==> flow/design.v <==
module alu_summer_blk (ck, RST, i_a, i_b, i_cin, o_result, o_carry_out);
   parameter DW = 48;
   parameter BLK = 6;
   input ck;
   input RST;
   input [DW-1:0] i_a;
   input [DW-1:0] i_b;
   input i_cin;
   output [DW-1:0] o_result;
   output o_carry_out;
   localparam SLICES = DW / BLK;
   wire [DW-1:0] t;
   wire [SLICES:0] cy;
   assign cy[0] = i_cin;
   genvar ii;
   generate
      for (ii = 0; ii < SLICES; ii = ii + 1) begin : stage
         wire [BLK:0] s0 = i_a[ii*BLK +: BLK] + i_b[ii*BLK +: BLK];
         wire [BLK:0] s1 = i_a[ii*BLK +: BLK] + i_b[ii*BLK +: BLK] + 1'b1;
         assign {cy[ii+1], t[ii*BLK +: BLK]} = cy[ii] ? s1 : s0;
      end
   endgenerate
   reg [DW-1:0] result_r;
   always @(posedge ck) begin
      if (RST) begin
         result_r <= 0;
      end else begin
         result_r <= t;
      end
   end
   assign o_result = result_r;
   reg carry_out_r;
   always @(posedge ck) begin
      if (RST) begin
         carry_out_r <= 1'b0;
      end else begin
         carry_out_r <= cy[SLICES];
      end
   end
   assign o_carry_out = carry_out_r;
endmodule
Tool chain data of alu_summer_blk
What the tools print for alu_summer_blk, step after step.
Lines are those of the file above, counted from 1.
Operators carry their Yosys type and port widths (W data, S select, Z words).
The mark - stands for no value.
- design top: alu_summer_blk
- clock input: ck
- standard-cell library: sky130hd
- corner: tt_025C_1v80

Word level
Yosys after proc, flatten, opt, wreduce and memory -nomap, before mapping. Enables and synchronous resets that opt folds into registers are not counted as muxes. Memory bits, and registers merged into a memory's read port (data or address), are not among the register bits. Print and check cells are not counted. Equal cells are merged and count once.
- clocked read ports x word width: 0
- bits in latches: 0
- noted output and inout port bits: 49
- bits in writable memories at 0
- elaborated cells: 26
- input port bits at 99
- noted memories kept: 0
- noted register bits: 49
- ROM bits at 0
- divide/modulo/power cells: 0
- equality and inequality tests: 0
- $add $sub $neg: 16
- noted reductions and logical operators: 0
- shift-type cells at 0
- order comparisons: 0
- bitwise operators: 0
- multiplexer cells at 8
- multiply operators at 0
- operators with widths (cell ; number):
    $add A6 B6 Y7 ; 8
    $add A7 B1 Y7 const B ; 8
    $mux W7 ; 8

Logic depth
Longest topological path by Yosys (ltp), each cell counted once; first at word level (registers and memories cut), then after technology mapping (sequential cells cut; the memories' decode and read muxes count).
- word-level depth at 10
- ABC_AREA: 0
- noted depth in mapped cells: 17

Synthesis result
Yosys stat after the flow's synthesis: flattened, memories mapped to cells. It holds for the ABC_AREA given above (unset counts as 0); a run with the other value may have another netlist.
Totals and module areas in this step are rounded.
- standard cells after synthesis at 490
- noted cell area after synthesis: 4264 sq um
- flip-flop cells: 49
- sequential part of the area at 980.9 sq um
- noted buffers: 7
- cell types (cell type ; number ; total area (sq um)):
    sky130_fd_sc_hd__dfxtp_1 ; 49 ; 980.941
    sky130_fd_sc_hd__ha_1 ; 56 ; 700.672
    sky130_fd_sc_hd__xnor2_1 ; 42 ; 367.853
    sky130_fd_sc_hd__nor2_1 ; 76 ; 285.274
    sky130_fd_sc_hd__xor2_1 ; 23 ; 201.443
    sky130_fd_sc_hd__a21oi_1 ; 34 ; 170.163
    sky130_fd_sc_hd__fa_1 ; 8 ; 160.154
    sky130_fd_sc_hd__mux2i_1 ; 12 ; 120.115
    sky130_fd_sc_hd__nand2_1 ; 25 ; 93.84
    sky130_fd_sc_hd__a21o_1 ; 12 ; 90.086
    sky130_fd_sc_hd__inv_1 ; 23 ; 86.333
    sky130_fd_sc_hd__o21bai_1 ; 10 ; 75.072
    sky130_fd_sc_hd__nand3_1 ; 14 ; 70.067
    sky130_fd_sc_hd__and3_1 ; 9 ; 56.304
    sky130_fd_sc_hd__nor2b_1 ; 9 ; 56.304
    sky130_fd_sc_hd__mux2_1 ; 4 ; 45.043
    sky130_fd_sc_hd__and4_1 ; 4 ; 35.034
    sky130_fd_sc_hd__nand4_1 ; 5 ; 31.28
Not listed: further types 43, cells in them 75.

Path before layout
Source: OpenSTA report_checks on the synthesized netlist (no wires, ideal clock, input and output delay 20% of the period each), path of least setup slack; recovery checks are left aside. Register names are those of the netlist, which keeps one name where synthesis merged equal registers.
- path type: in2reg
- start: in i_a[0]
- end: reg result_r[42]
- arrival at 4.994 ns
- path buffers at 1
- setup time at 0.121 ns
- noted data required time: 5.969 ns
- slack at 0.975 ns
- clock period: 6.09 ns
- time at the first pin at 1.218 ns
- path delay: 3.897 ns
- stages on the path at 16
- period reached after synthesis at 5.115 ns
"path delay" = arrival - input delay + setup time.
"stages on the path" counts driving pins, that of a launching flip-flop among them; a cell with two outputs on the path counts twice.
"period reached after synthesis" is the clock period less the worst setup slack; recovery checks do not enter. This is arithmetic on one report: input and output delays are still those of the set period (20% each).
The rows between start and end are the longest chain of elaborated cells between them; the timing report does not say that the signal goes this way. Where chains are equally long, one stands for them.
A line is the first line of the expression or statement that the cell stems from. Yosys adds cells for indexed reads and writes and turns some case tables into memories.
- path through: sky130_fd_sc_hd__ha_1 > sky130_fd_sc_hd__fa_1 > sky130_fd_sc_hd__ha_1 > sky130_fd_sc_hd__nand2_1 > sky130_fd_sc_hd__nor4_4 > sky130_fd_sc_hd__nand4_2 > sky130_fd_sc_hd__a2111oi_0 > sky130_fd_sc_hd__nor4b_1 > sky130_fd_sc_hd__and2_1 > sky130_fd_sc_hd__buf_4 > sky130_fd_sc_hd__and4_4 > sky130_fd_sc_hd__or3_4 > sky130_fd_sc_hd__a21oi_1 > sky130_fd_sc_hd__nor3b_4 > sky130_fd_sc_hd__xnor2_1 > sky130_fd_sc_hd__mux2_4
- noted cells in the longest elaborated chain: 10
- elaborated cells between the ends (all ways) at 10
- those cells by class: 2 x add/sub; 8 x mux
- ends and longest elaborated chain, after synthesis (element ; RTL line ; source):
    start, declared ; 6 ; input [DW-1:0] i_a;
    $add A6 B6 Y7 ; 19 ; wire [BLK:0] s1 = i_a[ii*BLK +: BLK] + i_b[ii*BLK +: BLK] + 1'b1;
    $add A7 B1 Y7 ; 19 ;
    $mux W7 (8 in a row) ; 20 ; assign {cy[ii+1], t[ii*BLK +: BLK]} = cy[ii] ? s1 : s0;
    end, assigned ; 26 ; result_r <= 0;
    end, assigned ; 28 ; result_r <= t;
    end, declared ; 23 ; reg [DW-1:0] result_r;

Timing after layout
Path of least setup slack in the final report of job 2 (OpenROAD, finished layout, wires in). Where an end is a register, its clock arrival counts in the times.
- path type: in2reg
- start: in i_a[12]
- end: reg result_r[45]
- arrival at 5.67 ns
- noted data required time: 6.28 ns
- stages on the path at 17
- setup time at 0.10 ns
- time at the first pin at 1.22 ns
- slack at 0.61 ns
- clock period: 6.09 ns
- path buffers at 1
The rows between start and end are the longest chain of elaborated cells between them; the timing report does not say that the signal goes this way. Where chains are equally long, one stands for them.
- path through: sky130_fd_sc_hd__clkdlybuf4s50_1 > sky130_fd_sc_hd__ha_1 > sky130_fd_sc_hd__inv_1 > sky130_fd_sc_hd__fa_1 > sky130_fd_sc_hd__xnor2_1 > sky130_fd_sc_hd__o21ai_0 > sky130_fd_sc_hd__nor2_1 > sky130_fd_sc_hd__a31oi_1 > sky130_fd_sc_hd__a311o_1 > sky130_fd_sc_hd__nor4b_1 > sky130_fd_sc_hd__and2_1 > sky130_fd_sc_hd__a21oi_1 > sky130_fd_sc_hd__o2111ai_1 > sky130_fd_sc_hd__a21oi_1 > sky130_fd_sc_hd__nor3b_4 > sky130_fd_sc_hd__mux2i_1 > sky130_fd_sc_hd__mux2_1
- noted cells in the longest elaborated chain: 8
- elaborated cells between the ends (all ways) at 8
- those cells by class: 2 x add/sub; 6 x mux
- ends and longest elaborated chain, post-layout (element ; RTL line ; source):
    start, declared ; 6 ; input [DW-1:0] i_a;
    $add A6 B6 Y7 ; 19 ; wire [BLK:0] s1 = i_a[ii*BLK +: BLK] + i_b[ii*BLK +: BLK] + 1'b1;
    $add A7 B1 Y7 ; 19 ;
    $mux W7 (6 in a row) ; 20 ; assign {cy[ii+1], t[ii*BLK +: BLK]} = cy[ii] ? s1 : s0;
    end, assigned ; 26 ; result_r <= 0;
    end, assigned ; 28 ; result_r <= t;
    end, declared ; 23 ; reg [DW-1:0] result_r;

Hand-over note for alu_summer_blk

Record of 3 stored runs of the RTL-to-layout flow on alu_summer_blk, platform sky130hd. The runs are unordered. Constraints: input delay and output delay 20% of the set period each, output load 0.01 pF.
"period reached" = clock period - worst setup slack. The figure is calculated, with input and output delays left at 20% of the set period.
By "worst setup path time" is meant the share of the clock period that the worst setup path is allowed (20% is reserved at inputs, 20% at outputs), minus its slack. Clock arrival times at its registers enter into it.
"total power of the final layout" rests on the timing tool's default activity at the inputs, not on a simulated workload.
Measured values are rounded.

Job 1

==> flow/run.sh <==
#!/bin/bash
# the make line also repeats the synthesis and layout settings of config.mk as NAME=value (left out here)
make -C /OpenROAD-flow-scripts/flow DESIGN_CONFIG=/design/flow/config.mk WORK_HOME=/design/flow/orfs CLKGATE_MAP_FILE= finish
==> flow/config.mk <==
export PLATFORM = sky130hd
export DESIGN_NAME = alu_summer_blk
export DESIGN_NICKNAME = alu_summer_blk
export VERILOG_FILES = /design/flow/design.v
export SDC_FILE = /design/flow/constraint.sdc
export NUM_CORES = 4
export LEC_CHECK = 0
export CAP_MARGIN = 20
export CELL_PAD_IN_SITES_GLOBAL_PLACEMENT = 3
export CORE_MARGIN = 2
export CORE_UTILIZATION = 60
export CTS_CLUSTER_SIZE = 23
export MAX_ROUTING_LAYER = met5
export MIN_ROUTING_LAYER = met2
export PLACE_DENSITY_LB_ADDON = 0.05
export SLEW_MARGIN = 20
==> flow/constraint.sdc <==
create_clock -name core_clock -period 6.89 [get_ports {ck}]
set_input_delay 1.3780 -clock core_clock [delete_from_list [all_inputs] [get_ports {ck}]]
set_output_delay 1.3780 -clock core_clock [all_outputs]
set_load 0.01 [all_outputs]

Job 1: did not finish, placement stopped with FLW-0024.

Job 2

==> flow/run.sh <==
#!/bin/bash
# the make line also repeats the synthesis and layout settings of config.mk as NAME=value (left out here)
make -C /OpenROAD-flow-scripts/flow DESIGN_CONFIG=/design/flow/config.mk WORK_HOME=/design/flow/orfs CLKGATE_MAP_FILE= finish
==> flow/config.mk <==
export PLATFORM = sky130hd
export DESIGN_NAME = alu_summer_blk
export DESIGN_NICKNAME = alu_summer_blk
export VERILOG_FILES = /design/flow/design.v
export SDC_FILE = /design/flow/constraint.sdc
export NUM_CORES = 4
export LEC_CHECK = 0
export CAP_MARGIN = 20
export CORE_MARGIN = 2
export CORE_UTILIZATION = 40
export SLEW_MARGIN = 20
==> flow/constraint.sdc <==
create_clock -name core_clock -period 6.09 [get_ports {ck}]
set_input_delay 1.2180 -clock core_clock [delete_from_list [all_inputs] [get_ports {ck}]]
set_output_delay 1.2180 -clock core_clock [all_outputs]
set_load 0.01 [all_outputs]

Measured in job 2:
- total power of the final layout: 0.00115 W
- total negative slack at 0.000 ns
- smallest hold slack: 1.576 ns
- standard-cell area of the final layout at 5977 sq um
- period reached at 5.476 ns
- worst setup slack after layout at 0.614 ns
- die footprint: 11500 sq um
- worst setup path time: 4.26 ns
- critical path type: in2reg
- noted the utilization after routing: 57.9 %
- cell area after synthesis: 4264 sq um

Job 3

==> flow/run.sh <==
#!/bin/bash
# the make line also repeats the synthesis and layout settings of config.mk as NAME=value (left out here)
make -C /OpenROAD-flow-scripts/flow DESIGN_CONFIG=/design/flow/config.mk WORK_HOME=/design/flow/orfs CLKGATE_MAP_FILE= finish
==> flow/config.mk <==
export PLATFORM = sky130hd
export DESIGN_NAME = alu_summer_blk
export DESIGN_NICKNAME = alu_summer_blk
export VERILOG_FILES = /design/flow/design.v
export SDC_FILE = /design/flow/constraint.sdc
export NUM_CORES = 4
export LEC_CHECK = 0
export ABC_AREA = 1
export CAP_MARGIN = 20
export CELL_PAD_IN_SITES_GLOBAL_PLACEMENT = 0
export CORE_MARGIN = 2
export CORE_UTILIZATION = 20
export GPL_ROUTABILITY_DRIVEN = 1
export HOLD_SLACK_MARGIN = 0.19
export PLACE_DENSITY_LB_ADDON = 0.24
export SETUP_SLACK_MARGIN = 0.75
export SLEW_MARGIN = 20
export TNS_END_PERCENT = 20
==> flow/constraint.sdc <==
create_clock -name core_clock -period 3.84 [get_ports {ck}]
set_input_delay 0.7680 -clock core_clock [delete_from_list [all_inputs] [get_ports {ck}]]
set_output_delay 0.7680 -clock core_clock [all_outputs]
set_load 0.01 [all_outputs]

Measured in job 3:
- total power of the final layout: 0.002378 W
- total negative slack at 0.000 ns
- smallest hold slack: 0.879 ns
- standard-cell area of the final layout at 7046 sq um
- period reached at 3.248 ns
- worst setup slack after layout at 0.592 ns
- die footprint: 23070 sq um
- worst setup path time: 2.48 ns
- critical path type: in2reg
- noted the utilization after routing: 32.6 %
- cell area after synthesis: 4374 sq um

End of note.
